==> flow/design.v <==
module my_mul_n (ck, i_rst_n, dataa, datab, start, prod, ready);
  parameter NBITS = 5;
  input ck;
  input i_rst_n;
  input [NBITS-1:0] dataa;
  input [NBITS-1:0] datab;
  input start;
  output [2*NBITS-1:0] prod;
  output ready;
  reg [NBITS-1:0] dataa_ff;
  reg [NBITS-1:0] datab_ff;
  reg start_ff;
  always @(posedge ck) begin
    if (~i_rst_n) begin
      dataa_ff <= 0;
      datab_ff <= 0;
      start_ff <= 1'b0;
    end else begin
      dataa_ff <= dataa;
      datab_ff <= datab;
      start_ff <= start;
    end
  end
  localparam LOGN = $clog2(NBITS + 1);
  reg [NBITS-1:0] mcand;
  reg [LOGN-1:0] ctr;
  always @(posedge ck) begin
    if (~i_rst_n) begin
      mcand <= 0;
      ctr <= 0;
    end else begin
      mcand <= start_ff ? dataa_ff : mcand;
      ctr <= start_ff ? NBITS : (ctr != 0) ? ctr - 1'b1 : ctr;
    end
  end
  reg [2*NBITS-1:0] state;
  wire [NBITS:0] r;
  assign r = state[2*NBITS-1:NBITS] + (state[0] ? mcand : {NBITS{1'b0}});
  always @(posedge ck) begin
    if (~i_rst_n) begin
      state <= 0;
    end else begin
      state <= start_ff ? {{NBITS{1'b0}}, datab_ff} : (ctr != 0) ? {r, state[NBITS-1:1]} : state;
    end
  end
  assign prod = state;
  assign ready = (ctr == 0);
endmodule
# == From RTL to reports: my_mul_n ==
# The steps from the RTL of my_mul_n to its reports follow in flow order.
# Line numbers count from 1 in the design file above.
# A cell with n/a has no value.
# design
design,my_mul_n
clock,ck
library,sky130hd
lib_corner,tt_025C_1v80

# == Elaborated design ==
# Source: Yosys, flattened and elaborated, memories not mapped. Widths are those after wreduce. Registers that Yosys merges into a memory's read port (data or address) are not register bits. Print and check cells do not count. Equal cells are merged and count once.
# word_totals
input_bits,13
reg_bits,29
wordCells,20
# classes
n_logic,1
muxes,5
n_reduce_logical,4
add_sub_neg,2
# ops
op,n
5-bit two-way mux,3
5-bit by 5-bit adder with 6-bit output,1
3-bit two-way mux,2
3-bit by 1-bit subtractor with 3-bit output with constant B,1
3-bit zero test,1
3-bit nonzero test,1
2-bit nonzero test,1
2-bit OR reduction,1
1-bit NOT,1

# == Depth ==
# Longest topological path by Yosys (ltp), each cell counted once; first at word level (registers and memories cut), then after technology mapping (sequential cells cut; the memories' decode and read muxes count).
# depth
depth_word,4
ABC_AREA,0
ltp_mapped,8
ltp_nobuf,8

# == Synthesis result ==
# Yosys stat after the flow's synthesis: flattened, memories mapped to cells. It holds for the ABC_AREA given above (unset counts as 0); a run with the other value may have another netlist.
# types
cell_type,n
sky130_fd_sc_hd__dfxtp_1,29
sky130_fd_sc_hd__and2_1,20
sky130_fd_sc_hd__mux2i_1,11
sky130_fd_sc_hd__ha_1,7
sky130_fd_sc_hd__nor2b_1,7
sky130_fd_sc_hd__nand2_1,10
sky130_fd_sc_hd__nand3_1,5
sky130_fd_sc_hd__o21ai_0,5
sky130_fd_sc_hd__buf_6,2
sky130_fd_sc_hd__inv_1,6
sky130_fd_sc_hd__fa_1,1
sky130_fd_sc_hd__a211oi_1,2
sky130_fd_sc_hd__a21oi_1,3
sky130_fd_sc_hd__nor2_1,4
sky130_fd_sc_hd__o21a_1,2
sky130_fd_sc_hd__nand2b_4,1
sky130_fd_sc_hd__mux2_2,1
sky130_fd_sc_hd__nor3_1,2
# Not listed: further types 12, cells in them 14.
# mapped
ffs,29
synth_area_um2,1276.2
sequential_area_um2,580.6
stdcells,132

# == Path before layout ==
# Source: OpenSTA report_checks on the synthesized netlist (no wires, ideal clock, input and output delay 20% of the period each), path of least setup slack; recovery checks are left aside. Register names are those of the netlist, which keeps one name where synthesis merged equal registers.
# synth_timing
path_type,reg2reg
start,register state[0]
end,register state[8]
path_delay_ps,1669
launch_ps,0
setup_ps,117
setup_slack_ps,421
arrival_time_ps,1552
tclk_ps,2090
required_ps,1973
stages,9
synth_period_reached_ps,1669
# "path_delay_ps" is the arrival time less input delay plus setup time.
# "stages": output pins that drive a net of the path, with the launching flip-flop's if there is one; two outputs of one cell count as two.
# "synth_period_reached_ps" is the clock period less the worst setup slack; recovery checks do not enter. This is arithmetic on one report: input and output delays are still those of the set period (20% each).
# The rows between start and end are the longest chain of elaborated cells between them; the timing report does not say that the signal goes this way. Where chains are equally long, one stands for them.
# A line is the first line of the expression or statement that the cell stems from. Yosys adds cells for indexed reads and writes and turns some case tables into memories.
# synth_between
cell_sequence,sky130_fd_sc_hd__dfxtp_1 -> sky130_fd_sc_hd__and2_1 -> sky130_fd_sc_hd__ha_1 -> sky130_fd_sc_hd__inv_1 -> sky130_fd_sc_hd__fa_1 -> sky130_fd_sc_hd__nor2b_1 -> sky130_fd_sc_hd__o22ai_1 -> sky130_fd_sc_hd__mux2i_1 -> sky130_fd_sc_hd__nand2_1
elab_chain_cells,2
cone_cells,2
lines_between,1
# synth_rtl
item,line,source
"start, declared",36,reg [2*NBITS-1:0] state;
"start, assigned",41,state <= 0;
"start, assigned",43,"state <= start_ff ? {{NBITS{1'b0}}, datab_ff} : (ctr != 0) ? {r, state[NBITS-1:1]} : state;"
5-bit two-way mux,38,assign r = state[2*NBITS-1:NBITS] + (state[0] ? mcand : {NBITS{1'b0}});
5-bit by 5-bit adder with 6-bit output,38,
"end, assigned",41,
"end, assigned",43,
"end, declared",36,

# == Worst path after layout ==
# From the final timing report of run 1: the path of least setup slack in the routed layout; clock arrival at registers is part of the times.
# The report prints the path's times to 10 ps; the period is as set.
# layout_timing
path_type,reg2reg
start,register state[0]
end,register state[8]
stages,9
launch_ps,280
required_ps,1510
tclk_ps,1330
arrival_time_ps,1710
setup_ps,100
setup_slack_ps,-200
# The rows between start and end are the longest chain of elaborated cells between them; the timing report does not say that the signal goes this way. Where chains are equally long, one stands for them.
# layout_between
cell_sequence,sky130_fd_sc_hd__dfxtp_4 -> sky130_fd_sc_hd__and2_4 -> sky130_fd_sc_hd__ha_4 -> sky130_fd_sc_hd__inv_2 -> sky130_fd_sc_hd__fa_2 -> sky130_fd_sc_hd__nor2b_4 -> sky130_fd_sc_hd__o22ai_2 -> sky130_fd_sc_hd__mux2i_1 -> sky130_fd_sc_hd__nand2_1
elab_chain_cells,2
cone_cells,2
lines_between,1
# layout_rtl
item,line,source
"start, declared",36,reg [2*NBITS-1:0] state;
"start, assigned",41,state <= 0;
"start, assigned",43,"state <= start_ff ? {{NBITS{1'b0}}, datab_ff} : (ctr != 0) ? {r, state[NBITS-1:1]} : state;"
5-bit two-way mux,38,assign r = state[2*NBITS-1:NBITS] + (state[0] ? mcand : {NBITS{1'b0}});
5-bit by 5-bit adder with 6-bit output,38,
"end, assigned",41,
"end, assigned",43,
"end, declared",36,

Subject: my_mul_n on sky130hd, stored results

Hello all,

Below are 3 stored runs of the flow (Yosys, OpenROAD; platform sky130hd) on my_mul_n, each with its settings and what was measured, unordered. Constraints: input delay and output delay 20% of the set period each, output load 0.01 pF.
By "period_less_ws_ps" is meant the clock period of the run minus its worst setup slack. This is arithmetic on one report: input and output delays are still those of the set period (20% each).
"worst_setup_path_time_ps": the worst setup path's part of the clock period (all of it between registers, 20% less for each end at a port) less its slack. A launch clock that arrives late makes it longer, a capture clock that arrives late makes it shorter.
"power_uw" is the tool's figure for a default switching activity; nothing was simulated.
"worst_setup_path_time_ps" is known to 10 ps.

Run 1, flow files:
==> flow/run.sh <==
#!/bin/bash
# the make line also repeats the synthesis and layout settings of config.mk as NAME=value (left out here)
make -C /OpenROAD-flow-scripts/flow DESIGN_CONFIG=/design/flow/config.mk WORK_HOME=/design/flow/orfs CLKGATE_MAP_FILE= finish
==> flow/config.mk <==
export PLATFORM = sky130hd
export DESIGN_NAME = my_mul_n
export DESIGN_NICKNAME = my_mul_n
export VERILOG_FILES = /design/flow/design.v
export SDC_FILE = /design/flow/constraint.sdc
export NUM_CORES = 4
export LEC_CHECK = 0
export CAP_MARGIN = 20
export CELL_PAD_IN_SITES_DETAIL_PLACEMENT = 1
export CORE_ASPECT_RATIO = 1.04
export CORE_MARGIN = 4
export CORE_UTILIZATION = 16
export CTS_CLUSTER_DIAMETER = 143
export MIN_ROUTING_LAYER = met2
export PLACE_DENSITY_LB_ADDON = 0.19
export SLEW_MARGIN = 5
export TNS_END_PERCENT = 60
==> flow/constraint.sdc <==
create_clock -name core_clock -period 1.33 [get_ports {ck}]
set_input_delay 0.2660 -clock core_clock [delete_from_list [all_inputs] [get_ports {ck}]]
set_output_delay 0.2660 -clock core_clock [all_outputs]
set_load 0.01 [all_outputs]

==> results of run 1, as CSV <==
result,value
design_die_area_um2,9469.6
final_stdcell_area_um2,2008.2
worst_setup_path_time_ps,1530
critical_path_kind,"reg2reg"
fin_tns_ps,-448
worst_setup_slack_ps,-203
period_less_ws_ps,1533
hold_ws_ps,490
power_uw,3309
post_synth_area_um2,1276.2
finalUtil_pct,26.4

Run 2, flow files:
==> flow/run.sh <==
#!/bin/bash
# the make line also repeats the synthesis and layout settings of config.mk as NAME=value (left out here)
make -C /OpenROAD-flow-scripts/flow DESIGN_CONFIG=/design/flow/config.mk WORK_HOME=/design/flow/orfs CLKGATE_MAP_FILE= finish
==> flow/config.mk <==
export PLATFORM = sky130hd
export DESIGN_NAME = my_mul_n
export DESIGN_NICKNAME = my_mul_n
export VERILOG_FILES = /design/flow/design.v
export SDC_FILE = /design/flow/constraint.sdc
export NUM_CORES = 4
export LEC_CHECK = 0
export CAP_MARGIN = 20
export CELL_PAD_IN_SITES_DETAIL_PLACEMENT = 0
export CELL_PAD_IN_SITES_GLOBAL_PLACEMENT = 2
export CORE_ASPECT_RATIO = 1.34
export CORE_MARGIN = 2
export CORE_UTILIZATION = 57
export CTS_CLUSTER_DIAMETER = 355
export PLACE_DENSITY_LB_ADDON = 0.28
export SLEW_MARGIN = 20
export TNS_END_PERCENT = 45
==> flow/constraint.sdc <==
create_clock -name core_clock -period 1.86 [get_ports {ck}]
set_input_delay 0.3720 -clock core_clock [delete_from_list [all_inputs] [get_ports {ck}]]
set_output_delay 0.3720 -clock core_clock [all_outputs]
set_load 0.01 [all_outputs]

Run 2: no results, placement failed with FLW-0024

Run 3, flow files:
==> flow/run.sh <==
#!/bin/bash
# the make line also repeats the synthesis and layout settings of config.mk as NAME=value (left out here)
make -C /OpenROAD-flow-scripts/flow DESIGN_CONFIG=/design/flow/config.mk WORK_HOME=/design/flow/orfs CLKGATE_MAP_FILE= finish
==> flow/config.mk <==
export PLATFORM = sky130hd
export DESIGN_NAME = my_mul_n
export DESIGN_NICKNAME = my_mul_n
export VERILOG_FILES = /design/flow/design.v
export SDC_FILE = /design/flow/constraint.sdc
export NUM_CORES = 4
export LEC_CHECK = 0
export CAP_MARGIN = 20
export CORE_MARGIN = 2
export CORE_UTILIZATION = 40
export SLEW_MARGIN = 20
==> flow/constraint.sdc <==
create_clock -name core_clock -period 2.09 [get_ports {ck}]
set_input_delay 0.4180 -clock core_clock [delete_from_list [all_inputs] [get_ports {ck}]]
set_output_delay 0.4180 -clock core_clock [all_outputs]
set_load 0.01 [all_outputs]

==> results of run 3, as CSV <==
result,value
design_die_area_um2,3658.4
final_stdcell_area_um2,1629.1
worst_setup_path_time_ps,1420
critical_path_kind,"reg2out"
fin_tns_ps,0
worst_setup_slack_ps,251
period_less_ws_ps,1839
hold_ws_ps,485
power_uw,1652
post_synth_area_um2,1276.2
finalUtil_pct,53.4

Thanks
